==> flow/design.v <==
module gen_sub_unit_mod #(
    parameter integer WD = 6
) (
    input  wire CLK,
    input  wire RST,
    input  wire [WD-1:0] arg0,
    input  wire [WD-1:0] arg1,
    output reg [WD:0] sum,
    output reg [WD:0] diff
);
    always @(posedge CLK) begin
        if (RST) begin
            sum <= 0;
            diff <= 0;
        end else begin
            sum <= arg0 + arg1;
            diff <= arg0 - arg1;
        end
    end
endmodule
* Tool chain data of gen_sub_unit_mod
The steps from the RTL of gen_sub_unit_mod to its reports follow in flow order. Line numbers count from 1 in the design file above. Operators: Yosys type, input widths -> output width; for muxes data width and select width s. Library cell names are shortened. A cell with n/a has no value.
Design: top module gen_sub_unit_mod, clock port CLK, library sky130hd, library corner tt_025C_1v80

* Word level
Yosys after proc, flatten, opt, wreduce and memory -nomap, before mapping. Enables and synchronous resets that opt folds into registers are not counted as muxes. Memory bits, and registers merged into a memory's read port (data or address), are not among the register bits. Print and check cells are not counted. Equal cells are merged and count once.
Storage and ports: bits in registers 14, output and inout port bits 14, elaborated cells 4
Operators by class: add/subtract/negate cells 2
Operators by type and width (count):
- $add 6x6->7 | 1
- $sub 6x6->7 | 1

* Logic depth
Depth = most cells in a row (Yosys ltp): at word level without a register or memory, in the mapped netlist without a sequential cell, where the memories' decode and read muxes count.
Logic depth: word-level depth 1, ABC_AREA 0, depth in mapped cells 8, gate-level depth less buffers 8

* Mapped cells and area
Source: synth_stat.txt of the flow (Yosys; design flattened, memories mapped). It holds for the ABC_AREA given above (unset counts as 0); a run with the other value may have another netlist. The area totals of this step are shown rounded.
Synthesis totals: mapped flip-flops 13, mapped area 863 µm², cell count 95
Cells by type:
- dfxtp_1 | count 13, area in all 260.25 µm²
- ha_1 | count 12, area in all 150.144 µm²
- inv_1 | count 13, area in all 48.797 µm²
- fa_1 | count 2, area in all 40.038 µm²
- xnor2_1 | count 4, area in all 35.034 µm²
- nor2_1 | count 9, area in all 33.782 µm²
- o21bai_1 | count 3, area in all 22.522 µm²
- nor2b_1 | count 3, area in all 18.768 µm²
- nor4b_1 | count 2, area in all 17.517 µm²
- o311ai_2 | count 1, area in all 16.266 µm²
- a21oi_1 | count 3, area in all 15.014 µm²
- buf_2 | count 3, area in all 15.014 µm²
- nor3_1 | count 3, area in all 15.014 µm²
- nor3b_1 | count 2, area in all 15.014 µm²
- a211oi_2 | count 1, area in all 12.512 µm²
- nand2b_1 | count 2, area in all 12.512 µm²
- nor4_1 | count 2, area in all 12.512 µm²
- buf_6 | count 1, area in all 11.261 µm²
Other cell types: 13; their cells: 16.

* Worst setup path after synthesis
OpenSTA on the mapped netlist: ideal clock, no wires. The path of least setup slack (recovery checks aside). Input and output delay are each 20% of the period. Register names are those of the netlist, which keeps one name where synthesis merged equal registers.
Timing after synthesis: path kind input-to-reg, from input port arg0[0], to register diff[6], setup slack 0.320 ns, delay of the path 1.295 ns, required time 1.941 ns, arrival 1.620 ns, clock period 2.02 ns, driving pins on the path 8, path buffers 0, synthesis period reached 1.7 ns
"delay of the path" = arrival - input delay + setup time. "driving pins on the path": output pins that drive a net of the path, with the launching flip-flop's if there is one; two outputs of one cell count as two. "synthesis period reached" = period - worst setup slack (recovery checks aside). The figure is calculated, with input and output delays left at 20% of the set period. The rows between start and end are the longest chain of elaborated cells between them; the timing report does not say that the signal goes this way. Where chains are equally long, one stands for them. A line is the first line of the expression or statement that the cell stems from. Yosys adds cells for indexed reads and writes and turns some case tables into memories.
On the way, after synthesis: path through inv_1 -> ha_1 -> inv_1 -> fa_1 -> a21o_1 -> a21oi_2 -> o21bai_1 -> a211oi_2, length of the longest elaborated chain 1, elaborated cells on any way between the ends 1, source lines of those cells 1, classes of those cells 1 x add/sub
RTL lines, path after synthesis:
- start: declaration | RTL line 6 | input  wire [WD-1:0] arg0,
- $sub 6x6->7 | RTL line 17 | diff <= arg0 - arg1;
- end: assignment | RTL line 14 | diff <= 0;
- end: assignment | RTL line 17
- end: declaration | RTL line 9 | output reg [WD:0] diff

* Timing after layout
From the final timing report of flow run B: the path of least setup slack in the routed layout; clock arrival at registers is part of the times.
Timing post-layout: path kind input-to-reg, from input port arg1[3], to register sum[5], driving pins on the path 5, arrival 1.90 ns, required time 2.20 ns, path buffers 1, setup slack 0.30 ns, clock period 2.04 ns
The rows between start and end are the longest chain of elaborated cells between them; the timing report does not say that the signal goes this way. Where chains are equally long, one stands for them.
On the way, post-layout: path through clkdlybuf4s50_1 -> inv_1 -> ha_1 -> a221o_1 -> o311ai_2, length of the longest elaborated chain 1, elaborated cells on any way between the ends 1, source lines of those cells 1, classes of those cells 1 x add/sub
RTL lines, path post-layout:
- start: declaration | RTL line 7 | input  wire [WD-1:0] arg1,
- $add 6x6->7 | RTL line 16 | sum <= arg0 + arg1;
- end: assignment | RTL line 13 | sum <= 0;
- end: assignment | RTL line 16
- end: declaration | RTL line 8 | output reg [WD:0] sum,

Below are 3 stored runs of the flow (Yosys, OpenROAD; platform sky130hd) on gen_sub_unit_mod, each with its settings and what was measured, unordered. Constraints: input delay and output delay 20% of the set period each, output load 0.01 pF.
By "clock period reached" is meant the clock period of the run minus its worst setup slack. This is arithmetic on one report: input and output delays are still those of the set period (20% each).
The results are shown rounded.

[flow run A] flow files
==> flow/run.sh <==
#!/bin/bash
# the make line also repeats the synthesis and layout settings of config.mk as NAME=value (left out here)
make -C /OpenROAD-flow-scripts/flow DESIGN_CONFIG=/design/flow/config.mk WORK_HOME=/design/flow/orfs CLKGATE_MAP_FILE= finish
==> flow/config.mk <==
export PLATFORM = sky130hd
export DESIGN_NAME = gen_sub_unit_mod
export DESIGN_NICKNAME = gen_sub_unit_mod
export VERILOG_FILES = /design/flow/design.v
export SDC_FILE = /design/flow/constraint.sdc
export NUM_CORES = 4
export LEC_CHECK = 0
export ABC_AREA = 1
export CAP_MARGIN = 20
export CORE_ASPECT_RATIO = 0.5
export CORE_MARGIN = 2
export CORE_UTILIZATION = 56
export GPL_ROUTABILITY_DRIVEN = 0
export GPL_TIMING_DRIVEN = 1
export PLACE_DENSITY_LB_ADDON = 0.25
export SLEW_MARGIN = 35
==> flow/constraint.sdc <==
create_clock -name core_clock -period 2.89 [get_ports {CLK}]
set_input_delay 0.5780 -clock core_clock [delete_from_list [all_inputs] [get_ports {CLK}]]
set_output_delay 0.5780 -clock core_clock [all_outputs]
set_load 0.01 [all_outputs]

[flow run A] result: stopped before the end: floorplanning reported PDN-0185

[flow run B] flow files
==> flow/run.sh <==
#!/bin/bash
# the make line also repeats the synthesis and layout settings of config.mk as NAME=value (left out here)
make -C /OpenROAD-flow-scripts/flow DESIGN_CONFIG=/design/flow/config.mk WORK_HOME=/design/flow/orfs CLKGATE_MAP_FILE= finish
==> flow/config.mk <==
export PLATFORM = sky130hd
export DESIGN_NAME = gen_sub_unit_mod
export DESIGN_NICKNAME = gen_sub_unit_mod
export VERILOG_FILES = /design/flow/design.v
export SDC_FILE = /design/flow/constraint.sdc
export NUM_CORES = 4
export LEC_CHECK = 0
export CAP_MARGIN = 5
export CORE_MARGIN = 2
export CORE_UTILIZATION = 40
export CTS_CLUSTER_DIAMETER = 161
export PLACE_DENSITY_LB_ADDON = 0.16
export SETUP_SLACK_MARGIN = 0.23
export SLEW_MARGIN = 20
export TNS_END_PERCENT = 60
==> flow/constraint.sdc <==
create_clock -name core_clock -period 2.04 [get_ports {CLK}]
set_input_delay 0.4080 -clock core_clock [delete_from_list [all_inputs] [get_ports {CLK}]]
set_output_delay 0.4080 -clock core_clock [all_outputs]
set_load 0.01 [all_outputs]

[flow run B] result: die area 2550 µm²; worst setup slack after layout 0.298 ns; clock period reached 1.742 ns; utilization after layout 0.634; standard-cell area of the final layout 1270 µm²; area of the synthesized netlist 863 µm²; total negative slack 0.000 ns

[flow run C] flow files
==> flow/run.sh <==
#!/bin/bash
# the make line also repeats the synthesis and layout settings of config.mk as NAME=value (left out here)
make -C /OpenROAD-flow-scripts/flow DESIGN_CONFIG=/design/flow/config.mk WORK_HOME=/design/flow/orfs CLKGATE_MAP_FILE= finish
==> flow/config.mk <==
export PLATFORM = sky130hd
export DESIGN_NAME = gen_sub_unit_mod
export DESIGN_NICKNAME = gen_sub_unit_mod
export VERILOG_FILES = /design/flow/design.v
export SDC_FILE = /design/flow/constraint.sdc
export NUM_CORES = 4
export LEC_CHECK = 0
export CAP_MARGIN = 20
export CORE_MARGIN = 2
export CORE_UTILIZATION = 40
export SLEW_MARGIN = 20
==> flow/constraint.sdc <==
create_clock -name core_clock -period 2.02 [get_ports {CLK}]
set_input_delay 0.4040 -clock core_clock [delete_from_list [all_inputs] [get_ports {CLK}]]
set_output_delay 0.4040 -clock core_clock [all_outputs]
set_load 0.01 [all_outputs]

[flow run C] result: die area 2550 µm²; worst setup slack after layout 0.101 ns; clock period reached 1.919 ns; utilization after layout 0.639; standard-cell area of the final layout 1280 µm²; area of the synthesized netlist 863 µm²; total negative slack 0.000 ns
